==> flow/design.v <==
module u_order #(
  parameter W = 18
) (
  input clk,
  input aresetn,
  input [W-1:0] src1_in,
  input [W-1:0] src2_in,
  output le_out
);
  reg [W-1:0] src1_r;
  reg [W-1:0] src2_r;
  always @(posedge clk) begin
    if (~aresetn) begin
      src1_r <= 0;
      src2_r <= 0;
    end else begin
      src1_r <= src1_in;
      src2_r <= src2_in;
    end
  end
  assign le_out = (src1_r <= src2_r);
endmodule
Tool chain data of u_order:

The steps from the RTL of u_order to its reports follow in flow order.
Line numbers count from 1 in the design file above.
Operators carry their Yosys type and port widths (W data, S select, Z words).
A cell with -- has no value.

* top module: u_order
* clock input: clk
* cell library: sky130hd
* library corner: tt_025C_1v80

Elaborated design:

Source: Yosys, flattened and elaborated, memories not mapped. Widths are those after wreduce; folded enables and synchronous resets count as part of the registers. Registers that Yosys merges into a memory's read port (data or address) are not register bits. Print and check cells do not count. Equal cells are merged and count once.

* word width x clocked read ports: 0
* bits in latches: 0
* cells after elaboration: 3
* bits in writable memories: 0
* bits in read-only memories: 0
* memory cells: 0
* flip-flop bits (word level): 36

* equality and inequality tests: 0
* $lt $le $gt $ge: 1
* bitwise operators: 0
* reductions and logical operators: 0
* multiply operators: 0
* mux-type cells: 0
* $add $sub $neg: 0
* div/mod/pow operators: 0
* shift operators: 0

Operators by type and width (count)
* $le A18 B18 Y1: 1

Logic depth:

Depth = most cells in a row (Yosys ltp): at word level without a register or memory, in the mapped netlist without a sequential cell, where the memories' decode and read muxes count.

* depth in word-level cells: 1
* ABC_AREA: 0
* mapped depth: 6
* gate-level depth less buffers: 6

Synthesis result:

Yosys stat after the flow's synthesis: flattened, memories mapped to cells. It holds for the ABC_AREA given above (unset counts as 0); a run with the other value may have another netlist.

Cell types
* sky130_fd_sc_hd__dfxtp_1: count 36, total area 720.691 sq um
* sky130_fd_sc_hd__and2_1: count 36, total area 225.216 sq um
* sky130_fd_sc_hd__ha_1: count 18, total area 225.216 sq um
* sky130_fd_sc_hd__inv_1: count 19, total area 71.318 sq um
* sky130_fd_sc_hd__a21oi_1: count 6, total area 30.029 sq um
* sky130_fd_sc_hd__a21o_1: count 3, total area 22.522 sq um
* sky130_fd_sc_hd__nand2_1: count 5, total area 18.768 sq um
* sky130_fd_sc_hd__o21a_1: count 2, total area 15.014 sq um
* sky130_fd_sc_hd__or3_1: count 2, total area 12.512 sq um
* sky130_fd_sc_hd__clkbuf_1: count 3, total area 11.261 sq um
* sky130_fd_sc_hd__nand3_1: count 2, total area 10.01 sq um
* sky130_fd_sc_hd__a221oi_1: count 1, total area 8.758 sq um
* sky130_fd_sc_hd__and4_1: count 1, total area 8.758 sq um
* sky130_fd_sc_hd__o311ai_1: count 1, total area 8.758 sq um
* sky130_fd_sc_hd__o211ai_1: count 1, total area 7.507 sq um
* sky130_fd_sc_hd__and3_1: count 1, total area 6.256 sq um
* sky130_fd_sc_hd__nand4_1: count 1, total area 6.256 sq um
* sky130_fd_sc_hd__o22ai_1: count 1, total area 6.256 sq um

* mapped area: 1415.1 sq um
* mapped flip-flops: 36
* cell count: 139

Path before layout:

OpenSTA on the mapped netlist: ideal clock, no wires. The path of least setup slack (recovery checks aside). Input and output delay are each 20% of the period. Register names are those of the netlist, which keeps one name where synthesis merged equal registers.

* path type: register to output
* start: register src2_r[17]
* end: output le_out
* path delay: 1.482 ns
* external output delay: 0.464 ns
* stages on the path: 7
* data required time: 1.856 ns
* time at the first pin: 0.000 ns
* clock period: 2.32 ns
* data arrival time: 1.482 ns
* path slack: 0.374 ns
* synthesis period reached: 1.946 ns

"path delay" = arrival - input delay + setup time.
At an output port there is no setup time.
"stages on the path" counts driving pins, that of a launching flip-flop among them; a cell with two outputs on the path counts twice.
"synthesis period reached" = period - worst setup slack (recovery checks aside). The figure is calculated, with input and output delays left at 20% of the set period.
The rows between start and end are the longest chain of elaborated cells between them; the timing report does not say that the signal goes this way. Where chains are equally long, one stands for them.
Each line given opens the expression or statement behind the cell; cells for indexed reads and writes are added by Yosys, which also makes memories of some case tables.

* cells stage by stage: sky130_fd_sc_hd__dfxtp_1 > sky130_fd_sc_hd__inv_1 > sky130_fd_sc_hd__ha_1 > sky130_fd_sc_hd__nand3_1 > sky130_fd_sc_hd__or3_1 > sky130_fd_sc_hd__or3_1 > sky130_fd_sc_hd__o211ai_1
* length of the longest elaborated chain: 1
* elaborated cells on any way between the ends: 1
* RTL lines with such cells: 1
* those cells by class: compare: 1

RTL lines, path post-synthesis
* start, declared: line 11 `reg [W-1:0] src2_r;`
* start, assigned: line 15 `src2_r <= 0;`
* start, assigned: line 18 `src2_r <= src2_in;`
* $le A18 B18 Y1: line 21 `assign le_out = (src1_r <= src2_r);`
* end, declared: line 8 `output le_out`

Path in the finished layout:

Path of least setup slack in the final report of flow run 2 (OpenROAD, finished layout, wires in). Where an end is a register, its clock arrival counts in the times.

* path type: register to output
* start: register src2_r[3]
* end: output le_out
* data arrival time: 1.96 ns
* path slack: -0.11 ns
* stages on the path: 8
* data required time: 1.86 ns
* clock period: 2.32 ns
* external output delay: 0.46 ns
* time at the first pin: 0.33 ns

The rows between start and end are the longest chain of elaborated cells between them; the timing report does not say that the signal goes this way. Where chains are equally long, one stands for them.

* cells stage by stage: sky130_fd_sc_hd__dfxtp_2 > sky130_fd_sc_hd__inv_2 > sky130_fd_sc_hd__ha_4 > sky130_fd_sc_hd__nand2_1 > sky130_fd_sc_hd__or3_4 > sky130_fd_sc_hd__or3_1 > sky130_fd_sc_hd__o211ai_1 > sky130_fd_sc_hd__buf_2
* length of the longest elaborated chain: 1
* elaborated cells on any way between the ends: 1
* RTL lines with such cells: 1
* those cells by class: compare: 1

RTL lines, path post-layout
* start, declared: line 11 `reg [W-1:0] src2_r;`
* start, assigned: line 15 `src2_r <= 0;`
* start, assigned: line 18 `src2_r <= src2_in;`
* $le A18 B18 Y1: line 21 `assign le_out = (src1_r <= src2_r);`
* end, declared: line 8 `output le_out`

Subject: flow runs of u_order

Hi,

Stored flow runs of u_order (3 of them; Yosys, OpenROAD, sky130hd). They differ in their settings and are not a sequence. Constraints: input delay and output delay 20% of the set period each, output load 0.01 pF.
"reached clock period": clock period set for the run, less the worst setup slack. It is reckoned from that one timing run; input and output delays stay at 20% of the period that was set.
"worst setup path time" means the part of the period allowed to the worst setup path (the constraints hold back 20% at inputs and 20% at outputs) less its slack; where the path has registers, the arrival times of their clocks count too.
"power consumption": no workload was simulated; the value follows from the tool's default switching activity.

### Flow run 1

Settings: `period_ns=2.86`, `CORE_UTILIZATION=70`, `CORE_ASPECT_RATIO=0.92`, `CORE_MARGIN=4`, `CELL_PAD_IN_SITES_DETAIL_PLACEMENT=2`, `MAX_ROUTING_LAYER=met5`, `CAP_MARGIN=20`, `SLEW_MARGIN=20`

Unfinished; error GPL-0301 in placement.

### Flow run 2

Settings: `period_ns=2.32`, `CAP_MARGIN=20`, `CORE_MARGIN=2`, `CORE_UTILIZATION=40`, `SLEW_MARGIN=20`

- Standard-cell area of the final layout: 2080.8 sq um
- Lowest hold slack: 0.691 ns
- Worst slack on setup checks: -0.107 ns
- Worst setup path time: 1.96 ns
- Critical path type: register to output
- Mapped cell area after synthesis: 1415.1 sq um
- Final setup TNS: -0.107 ns
- Die area: 4029.7 sq um
- Utilization of the finished layout: 61.9 %
- Reached clock period: 2.427 ns
- Power consumption: 1213 uW

### Flow run 3

Settings: `period_ns=2.98`, `CORE_UTILIZATION=25`, `SETUP_SLACK_MARGIN=0.07`, `PLACE_DENSITY_LB_ADDON=0.29`, `CORE_ASPECT_RATIO=0.96`, `CORE_MARGIN=2`, `CELL_PAD_IN_SITES_GLOBAL_PLACEMENT=2`, `TNS_END_PERCENT=70`, `GPL_ROUTABILITY_DRIVEN=1`, `CTS_CLUSTER_DIAMETER=86`, `CAP_MARGIN=10`, `SLEW_MARGIN=20`

- Standard-cell area of the final layout: 1948.1 sq um
- Lowest hold slack: 0.882 ns
- Worst slack on setup checks: 0.291 ns
- Worst setup path time: 2.09 ns
- Critical path type: register to output
- Mapped cell area after synthesis: 1415.1 sq um
- Final setup TNS: 0.000 ns
- Die area: 6278.2 sq um
- Utilization of the finished layout: 36.1 %
- Reached clock period: 2.689 ns
- Power consumption: 950.7 uW

Regards
